==> flow/design.v <==
module sync_mpy_mod #(
    parameter NBITS = 36
) (
    input  sys_clk,
    input  [NBITS-1:0] dataa,
    input  [NBITS-1:0] datab,
    input  clear,
    output [2*NBITS-1:0] q,
    output ready
);
    reg [NBITS-1:0] dataa_ff;
    reg [NBITS-1:0] datab_ff;
    reg clear_ff;
    localparam SW = $clog2(NBITS + 1);
    reg [NBITS-1:0] mcand;
    reg [SW-1:0] ctr;
    reg [2*NBITS-1:0] state;
    wire [NBITS:0] nxt;
    assign nxt = state[2*NBITS-1:NBITS] + (state[0] ? mcand : {NBITS{1'b0}});
    assign q = state;
    assign ready = (ctr == 0);
    always @(posedge sys_clk) begin
        dataa_ff <= dataa;
        datab_ff <= datab;
        clear_ff <= clear;
        mcand <= clear_ff ? dataa_ff : mcand;
        ctr <= clear_ff ? NBITS : (ctr != 0) ? ctr - 1'b1 : ctr;
        state <= clear_ff ? {{NBITS{1'b0}}, datab_ff} : (ctr != 0) ? {nxt, state[NBITS-1:1]} : state;
    end
endmodule
Tool chain data of sync_mpy_mod
Tool output for the design above, in the order of the flow.
Line numbers count from 1 in the design file above.
Operators: Yosys type, input widths -> output width; for muxes data width and select width s.
Library cell names are shortened.
{"block": "inputs", "top": "sync_mpy_mod", "clock_port": "sys_clk", "cell_library": "sky130hd", "corner": "tt_025C_1v80"}

Word-level counts
Counts by Yosys on the flattened word-level netlist (proc, flatten, opt, wreduce; memories kept). Register bits leave out memories and registers merged into their read ports (data or address). Print and check cells are left out. Cells with the same type and inputs are merged into one.
{"block": "classes", "mux": 3, "n_addsub": 2, "n_reduce_logical": 3}
{"block": "op_table", "cell": "$mux 36", "n": 3}
{"block": "op_table", "cell": "$add 36x36->37", "n": 1}
{"block": "op_table", "cell": "$sub 6x1->6 const B", "n": 1}
{"block": "op_table", "cell": "$logic_not 6->1", "n": 1}
{"block": "op_table", "cell": "$reduce_bool 6->1", "n": 1}
{"block": "op_table", "cell": "$reduce_bool 2->1", "n": 1}
{"block": "word_totals", "reg_bits": 187, "out_inout_bits": 73, "inputBits": 74, "wordCells": 15}

Longest topological paths
Longest topological path by Yosys (ltp), each cell counted once; first at word level (registers and memories cut), then after technology mapping (sequential cells cut; the memories' decode and read muxes count).
{"block": "depth", "ltp_word": 4, "ABC_AREA": 0, "ltp_mapped": 12}

Mapped cells and area
The flow's flattened synthesis, as Yosys stat reports it; memories are mapped. The netlist is that of the ABC_AREA named above (0 if unset); the other value can give another one.
{"block": "synth_totals", "yosys_area_um2": 7712.4, "buf_cells": 29, "ffs": 187, "stdcells": 665}
{"block": "types", "cell_type": "dfxtp_1", "n": 115, "type_area_um2": 2.3E+03}
{"block": "types", "cell_type": "edfxtp_1", "n": 72, "type_area_um2": 2.16E+03}
{"block": "types", "cell_type": "ha_1", "n": 38, "type_area_um2": 475.456}
{"block": "types", "cell_type": "mux2_2", "n": 36, "type_area_um2": 405.389}
{"block": "types", "cell_type": "nand2_1", "n": 69, "type_area_um2": 258.998}
{"block": "types", "cell_type": "a21oi_1", "n": 48, "type_area_um2": 240.23}
{"block": "types", "cell_type": "and2_1", "n": 37, "type_area_um2": 231.472}
{"block": "types", "cell_type": "xnor2_1", "n": 23, "type_area_um2": 201.443}
{"block": "types", "cell_type": "a21o_1", "n": 26, "type_area_um2": 195.187}
{"block": "types", "cell_type": "clkbuf_1", "n": 26, "type_area_um2": 97.594}
{"block": "types", "cell_type": "nor2_1", "n": 26, "type_area_um2": 97.594}
{"block": "types", "cell_type": "xor2_1", "n": 11, "type_area_um2": 96.342}
{"block": "types", "cell_type": "o21ai_1", "n": 16, "type_area_um2": 80.077}
{"block": "types", "cell_type": "a211oi_1", "n": 10, "type_area_um2": 75.072}
{"block": "types", "cell_type": "nand3_1", "n": 14, "type_area_um2": 70.067}
{"block": "types", "cell_type": "o21ai_0", "n": 13, "type_area_um2": 65.062}
{"block": "types", "cell_type": "nand4_1", "n": 9, "type_area_um2": 56.304}
{"block": "types", "cell_type": "o21ai_2", "n": 5, "type_area_um2": 43.792}
Not listed: further types 37, cells in them 71.

Worst setup path after synthesis
Source: OpenSTA report_checks on the synthesized netlist (no wires, ideal clock, input and output delay 20% of the period each), path of least setup slack; recovery checks are left aside. Register names are those of the netlist, which keeps one name where synthesis merged equal registers.
{"block": "synth_timing", "path_kind": "reg2reg", "start": "register state[0]", "end": "register state[67]", "clock_period_ns": 3.77, "path_buffers": 1, "required_ns": 3.642, "path_delay_ns": 3.016, "arrival_ns": 2.888, "setup_ns": 0.128, "driving_pins": 13, "path_slack_ns": 0.754, "launch_ns": 0.000, "synth_period_reached_ns": 3.016}
"path_delay_ns" = arrival - input delay + setup time.
"driving_pins" counts driving pins, that of a launching flip-flop among them; a cell with two outputs on the path counts twice.
"synth_period_reached_ns" is the clock period less the worst setup slack; recovery checks do not enter. This is arithmetic on one report: input and output delays are still those of the set period (20% each).
Between the ends stands the longest chain of elaborated cells between them, by number of cells; it is not shown to be the way that was timed. Of several equally long chains one is given.
A line is the first line of the expression or statement that the cell stems from. Yosys adds cells for indexed reads and writes and turns some case tables into memories.
{"block": "synth_via", "path_cell_list": "edfxtp_1 -> clkbuf_1 -> and2_1 -> ha_1 -> fa_1 -> a211oi_1 -> o21bai_1 -> a221oi_4 -> o21ai_2 -> a21oi_4 -> o21ai_2 -> xnor2_1 -> o21ai_1", "elab_chain_len": 2, "cone_cells": 2, "lines_between": 1, "cone_classes": "add/sub (1); mux (1)"}
{"block": "synth_lines", "item": "start: declaration", "line": 17, "text": "reg [2*NBITS-1:0] state;"}
{"block": "synth_lines", "item": "start: assignment", "line": 28, "text": "state <= clear_ff ? {{NBITS{1'b0}}, datab_ff} : (ctr != 0) ? {nxt, state[NBITS-1:1]} : state;"}
{"block": "synth_lines", "item": "$mux 36", "line": 19, "text": "assign nxt = state[2*NBITS-1:NBITS] + (state[0] ? mcand : {NBITS{1'b0}});"}
{"block": "synth_lines", "item": "$add 36x36->37", "line": 19}
{"block": "synth_lines", "item": "end: assignment", "line": 28}
{"block": "synth_lines", "item": "end: declaration", "line": 17}

Worst path after layout
From the final timing report of stored run 1: the path of least setup slack in the routed layout; clock arrival at registers is part of the times.
{"block": "layout_timing", "path_kind": "reg2reg", "start": "register state[0]", "end": "register state[63]", "required_ns": 4.07, "path_slack_ns": 0.63, "driving_pins": 12, "path_buffers": 1, "clock_period_ns": 3.77, "arrival_ns": 3.44, "setup_ns": 0.13, "launch_ns": 0.43}
Between the ends stands the longest chain of elaborated cells between them, by number of cells; it is not shown to be the way that was timed. Of several equally long chains one is given.
{"block": "layout_via", "path_cell_list": "edfxtp_1 -> buf_4 -> and2_1 -> fa_1 -> a211oi_1 -> o21bai_1 -> a221oi_4 -> o21ai_2 -> a21oi_4 -> o21bai_2 -> xnor2_1 -> o21ai_1", "elab_chain_len": 2, "cone_cells": 2, "lines_between": 1, "cone_classes": "add/sub (1); mux (1)"}
{"block": "layout_lines", "item": "start: declaration", "line": 17, "text": "reg [2*NBITS-1:0] state;"}
{"block": "layout_lines", "item": "start: assignment", "line": 28, "text": "state <= clear_ff ? {{NBITS{1'b0}}, datab_ff} : (ctr != 0) ? {nxt, state[NBITS-1:1]} : state;"}
{"block": "layout_lines", "item": "$mux 36", "line": 19, "text": "assign nxt = state[2*NBITS-1:NBITS] + (state[0] ? mcand : {NBITS{1'b0}});"}
{"block": "layout_lines", "item": "$add 36x36->37", "line": 19}
{"block": "layout_lines", "item": "end: assignment", "line": 28}
{"block": "layout_lines", "item": "end: declaration", "line": 17}

--- measured runs ---
2 stored runs of sync_mpy_mod in the flow (synthesis by Yosys, layout by OpenROAD, sky130hd cells), in arbitrary order. Constraints: input delay and output delay 20% of the set period each, output load 0.01 pF.
"worst_path_ns" = time allowed to the worst setup path (clock period - input delay - output delay, where it has them) - its slack; a late launch clock adds to it, a late capture clock takes from it.
"power.total_uw" is the tool's figure for a default switching activity; nothing was simulated.

Stored run 1
==> flow/run.sh <==
#!/bin/bash
# the make line also repeats the synthesis and layout settings of config.mk as NAME=value (left out here)
make -C /OpenROAD-flow-scripts/flow DESIGN_CONFIG=/design/flow/config.mk WORK_HOME=/design/flow/orfs CLKGATE_MAP_FILE= finish
==> flow/config.mk <==
export PLATFORM = sky130hd
export DESIGN_NAME = sync_mpy_mod
export DESIGN_NICKNAME = sync_mpy_mod
export VERILOG_FILES = /design/flow/design.v
export SDC_FILE = /design/flow/constraint.sdc
export NUM_CORES = 4
export LEC_CHECK = 0
export CAP_MARGIN = 20
export CORE_MARGIN = 2
export CORE_UTILIZATION = 40
export SLEW_MARGIN = 20
==> flow/constraint.sdc <==
create_clock -name core_clock -period 3.77 [get_ports {sys_clk}]
set_input_delay 0.7540 -clock core_clock [delete_from_list [all_inputs] [get_ports {sys_clk}]]
set_output_delay 0.7540 -clock core_clock [all_outputs]
set_load 0.01 [all_outputs]

==> results of stored run 1, as JSON <==
{
  "power.total_uw": 5961,
  "timing.setup.ws_ns": 0.633,
  "final_cell_area_um2": 10083.4,
  "die_um2": 20407.6,
  "ys_area_um2": 7712.4,
  "fin_tns_ns": 0.000,
  "worst_path_ns": 3.14,
  "path_kind": "reg2reg"
}

Stored run 2
==> flow/run.sh <==
#!/bin/bash
# the make line also repeats the synthesis and layout settings of config.mk as NAME=value (left out here)
make -C /OpenROAD-flow-scripts/flow DESIGN_CONFIG=/design/flow/config.mk WORK_HOME=/design/flow/orfs CLKGATE_MAP_FILE= finish
==> flow/config.mk <==
export PLATFORM = sky130hd
export DESIGN_NAME = sync_mpy_mod
export DESIGN_NICKNAME = sync_mpy_mod
export VERILOG_FILES = /design/flow/design.v
export SDC_FILE = /design/flow/constraint.sdc
export NUM_CORES = 4
export LEC_CHECK = 0
export CAP_MARGIN = 20
export CELL_PAD_IN_SITES_DETAIL_PLACEMENT = 1
export CORE_ASPECT_RATIO = 1.05
export CORE_MARGIN = 7
export CORE_UTILIZATION = 36
export GPL_ROUTABILITY_DRIVEN = 1
export GPL_TIMING_DRIVEN = 0
export PLACE_DENSITY = 0.43
export SETUP_SLACK_MARGIN = -0.02
export SLEW_MARGIN = 5
==> flow/constraint.sdc <==
create_clock -name core_clock -period 4.24 [get_ports {sys_clk}]
set_input_delay 0.8480 -clock core_clock [delete_from_list [all_inputs] [get_ports {sys_clk}]]
set_output_delay 0.8480 -clock core_clock [all_outputs]
set_load 0.01 [all_outputs]

==> results of stored run 2, as JSON <==
{
  "ys_area_um2": 7712.4,
  "power.total_uw": 5284,
  "die_um2": 25718.6,
  "final_cell_area_um2": 10153.5,
  "fin_tns_ns": 0.000,
  "timing.setup.ws_ns": 0.603,
  "worst_path_ns": 3.64,
  "path_kind": "reg2reg"
}
--- end ---
